==> flow/design.v <==
module sync_registers_n #(
    parameter WORDS = 4,
    parameter W = 8,
    parameter AW = $clog2(WORDS)
) (
    input wire clock,
    input wire rst_n,
    input wire in_write,
    input wire [AW-1:0] in_wr_addr,
    input wire [W-1:0] in_wd,
    input wire [AW-1:0] in_read_addr_a,
    input wire [AW-1:0] in_read_addr_b,
    output wire [W-1:0] out_dout_a,
    output wire [W-1:0] out_dout_b
);
    reg write_d1;
    reg [AW-1:0] wr_addr_d1;
    reg [W-1:0] wd_d1;
    always @(posedge clock or negedge rst_n) begin
        if (!rst_n) begin
            write_d1 <= 1'b0;
            wr_addr_d1 <= 0;
            wd_d1 <= 0;
        end else begin
            write_d1 <= in_write;
            wr_addr_d1 <= in_wr_addr;
            wd_d1 <= in_wd;
        end
    end
    reg [W-1:0] mem [WORDS-1:0];
    always @(posedge clock) begin
        if (write_d1)
            mem[wr_addr_d1] <= wd_d1;
    end
    reg [AW-1:0] read_addr_a_d1;
    reg [AW-1:0] read_addr_b_d1;
    always @(posedge clock or negedge rst_n) begin
        if (!rst_n) begin
            read_addr_a_d1 <= 0;
            read_addr_b_d1 <= 0;
        end else begin
            read_addr_a_d1 <= in_read_addr_a;
            read_addr_b_d1 <= in_read_addr_b;
        end
    end
    assign out_dout_a = mem[read_addr_a_d1];
    assign out_dout_b = mem[read_addr_b_d1];
endmodule
* Tool chain data of sync_registers_n *
The steps from the RTL of sync_registers_n to its reports follow in flow order.
Line numbers count from 1 in the design file above.
Operators carry their Yosys type and port widths (W data, S select, Z words).
The mark n/a stands for no value.

set-up
  top = sync_registers_n
  clock input = clock
  cell library = sky130hd
  library corner = tt_025C_1v80

* Word level *
Source: Yosys, flattened and elaborated, memories not mapped. Widths are those after wreduce; folded enables and synchronous resets count as part of the registers. Registers that Yosys merges into a memory's read port (data or address) are not register bits. Print and check cells do not count. Equal cells are merged and count once.
Yosys's memory passes give these memory sizes; they may raise the number of words (mostly to a power of two), join words into wider ones and drop unused or constant bits.

cells by class
  multipliers = 0
  add/subtract/negate cells = 0
  div/mod/pow operators = 0
  order comparisons = 0
  shift-type cells = 0
  muxes and demuxes = 3
  eq/ne operators = 0
  reduce/logical cells = 0
  bitwise logic cells = 0

operators by type and width
  kind     count
  $mux W8  1
  $mux W2  1
  $mux W1  1

word-level totals
  latch bits = 0
  word-level cells = 9
  word width x clocked read ports = 0
  flip-flop bits (word level) = 15
  memory cells = 1
  memory bits (read-only) = 0
  RAM bits = 32

memory list
  memory  depth  width  rd ports  write ports  line  source
  mem     4      8      2         1            30    reg [W-1:0] mem [WORDS-1:0];

* Depth *
Longest topological path by Yosys (ltp), each cell counted once; first at word level (registers and memories cut), then after technology mapping (sequential cells cut; the memories' decode and read muxes count).

depth
  word-level depth = 1
  ABC_AREA = 0
  depth in mapped cells = 2

* Netlist *
The flow's flattened synthesis, as Yosys stat reports it; memories are mapped. The netlist is that of the ABC_AREA named above (0 if unset); the other value can give another one.
Totals and module areas in this step are rounded.

mapped netlist
  cell count = 71
  buffers = 4
  area of sequential cells = 0.0013 mm²
  flip-flop cells = 47
  chip area (Yosys) = 0.0018 mm²

cells by type
  type                       count
  sky130_fd_sc_hd__edfxtp_1  32
  sky130_fd_sc_hd__dfrtp_1   15
  sky130_fd_sc_hd__mux4_2    16
  sky130_fd_sc_hd__buf_6     2
  sky130_fd_sc_hd__and3b_1   2
  sky130_fd_sc_hd__clkbuf_2  2
  sky130_fd_sc_hd__nor3b_1   1
  sky130_fd_sc_hd__and3_1    1

* Worst setup path after synthesis *
OpenSTA on the mapped netlist: ideal clock, no wires. The path of least setup slack (recovery checks aside). Input and output delay are each 20% of the period. Register names are those of the netlist, which keeps one name where synthesis merged equal registers.

timing after synthesis
  path type = register to register
  start = register wr_addr_d1[1]
  end = memory mem[0][0]
  driving pins on the path = 2
  launch time at the first pin = 0.000 ns
  buffers on the path = 0
  arrival time = 1.065 ns
  path slack = 0.359 ns
  clock period = 1.81 ns
  delay of the path = 1.450 ns
  synthesis period reached = 1.451 ns

"delay of the path" is the arrival time less input delay plus setup time.
"driving pins on the path": output pins that drive a net of the path, with the launching flip-flop's if there is one; two outputs of one cell count as two.
"synthesis period reached" is the clock period less the worst setup slack; recovery checks do not enter. This is arithmetic on one report: input and output delays are still those of the set period (20% each).
Between the ends stands the longest chain of elaborated cells between them, by number of cells; it is not shown to be the way that was timed. Of several equally long chains one is given.
A line is the first line of the expression or statement that the cell stems from. Yosys adds cells for indexed reads and writes and turns some case tables into memories.

between the ends, after synthesis
  path through = sky130_fd_sc_hd__dfrtp_1 > sky130_fd_sc_hd__nor3b_1
  cells in the longest elaborated chain = 1

ends and longest elaborated chain, after synthesis
  element             line  source
  start: declaration  17    reg [AW-1:0] wr_addr_d1;
  start: assignment   22    wr_addr_d1 <= 0;
  start: assignment   26    wr_addr_d1 <= in_wr_addr;
  $mux W2             32    if (write_d1)
  end: declaration    30    reg [W-1:0] mem [WORDS-1:0];

* Timing after layout *
From the final timing report of record 1: the path of least setup slack in the routed layout; clock arrival at registers is part of the times.

timing after layout
  path type = register to output
  start = register read_addr_a_d1[0]
  end = output out_dout_a[2]
  buffers on the path = 2
  launch time at the first pin = 0.29 ns
  clock period = 1.81 ns
  output delay = 0.36 ns
  arrival time = 1.47 ns
  path slack = -0.03 ns
  driving pins on the path = 4

Between the ends stands the longest chain of elaborated cells between them, by number of cells; it is not shown to be the way that was timed. Of several equally long chains one is given.
The chain passes a memory read, where the word-level depth is cut; so it can be longer than that depth.

between the ends, after layout
  path through = sky130_fd_sc_hd__dfrtp_1 > sky130_fd_sc_hd__buf_12 > sky130_fd_sc_hd__mux4_2 > sky130_fd_sc_hd__buf_6
  cells in the longest elaborated chain = 1

ends and longest elaborated chain, after layout
  element             line  source
  start: declaration  35    reg [AW-1:0] read_addr_a_d1;
  start: assignment   39    read_addr_a_d1 <= 0;
  start: assignment   42    read_addr_a_d1 <= in_read_addr_a;
  $mem_v2 Z4 W8       30    reg [W-1:0] mem [WORDS-1:0];
  end: declaration    13    output wire [W-1:0] out_dout_a,

FLOW RESULTS
============

Stored flow runs of sync_registers_n (3 of them; Yosys, OpenROAD, sky130hd). They differ in their settings and are not a sequence. Constraints: input delay and output delay 20% of the set period each, output load 0.01 pF.
"achieved clock period" means the clock period less the worst setup slack. The figure is calculated, with input and output delays left at 20% of the set period.
By "time on the worst setup path" is meant the share of the clock period that the worst setup path is allowed (20% is reserved at inputs, 20% at outputs), minus its slack. Clock arrival times at its registers enter into it.
"total power after layout" is the tool's figure for a default switching activity; nothing was simulated.
Results are given in rounded form.
A setting shown as n/a is not set for that run.

setting or result                       record 1            record 2            record 3
period_ns                               1.81                1.58                1.41
CAP_MARGIN                              20                  20                  20
CORE_MARGIN                             2                   2                   3
CORE_UTILIZATION                        40                  34                  60
SLEW_MARGIN                             20                  20                  25
SETUP_SLACK_MARGIN                      n/a                 0.13                n/a
PLACE_DENSITY                           n/a                 0.5                 n/a
ABC_AREA                                n/a                 0                   n/a
GPL_TIMING_DRIVEN                       n/a                 0                   n/a
CTS_CLUSTER_DIAMETER                    n/a                 331                 381
CORE_ASPECT_RATIO                       n/a                 n/a                 1.48
CELL_PAD_IN_SITES_GLOBAL_PLACEMENT      n/a                 n/a                 1
achieved clock period (ns)              1.836               1.809               1.792
standard-cell area after routing (mm²)  0.0023              0.0023              0.0023
die outline area (mm²)                  0.0049              0.0058              0.0036
utilization of the finished layout (%)  53                  45                  82
time on the worst setup path (ns)       1.47                1.49                1.51
class of the worst setup path           register to output  register to output  register to output
total power after layout (mW)           2.0                 2.5                 2.7
setup total negative slack (ns)         -0.19               -3.2                -5.7
worst setup slack after layout (ns)     -0.026              -0.23               -0.38
mapped cell area after synthesis (mm²)  0.0018              0.0018              0.0018
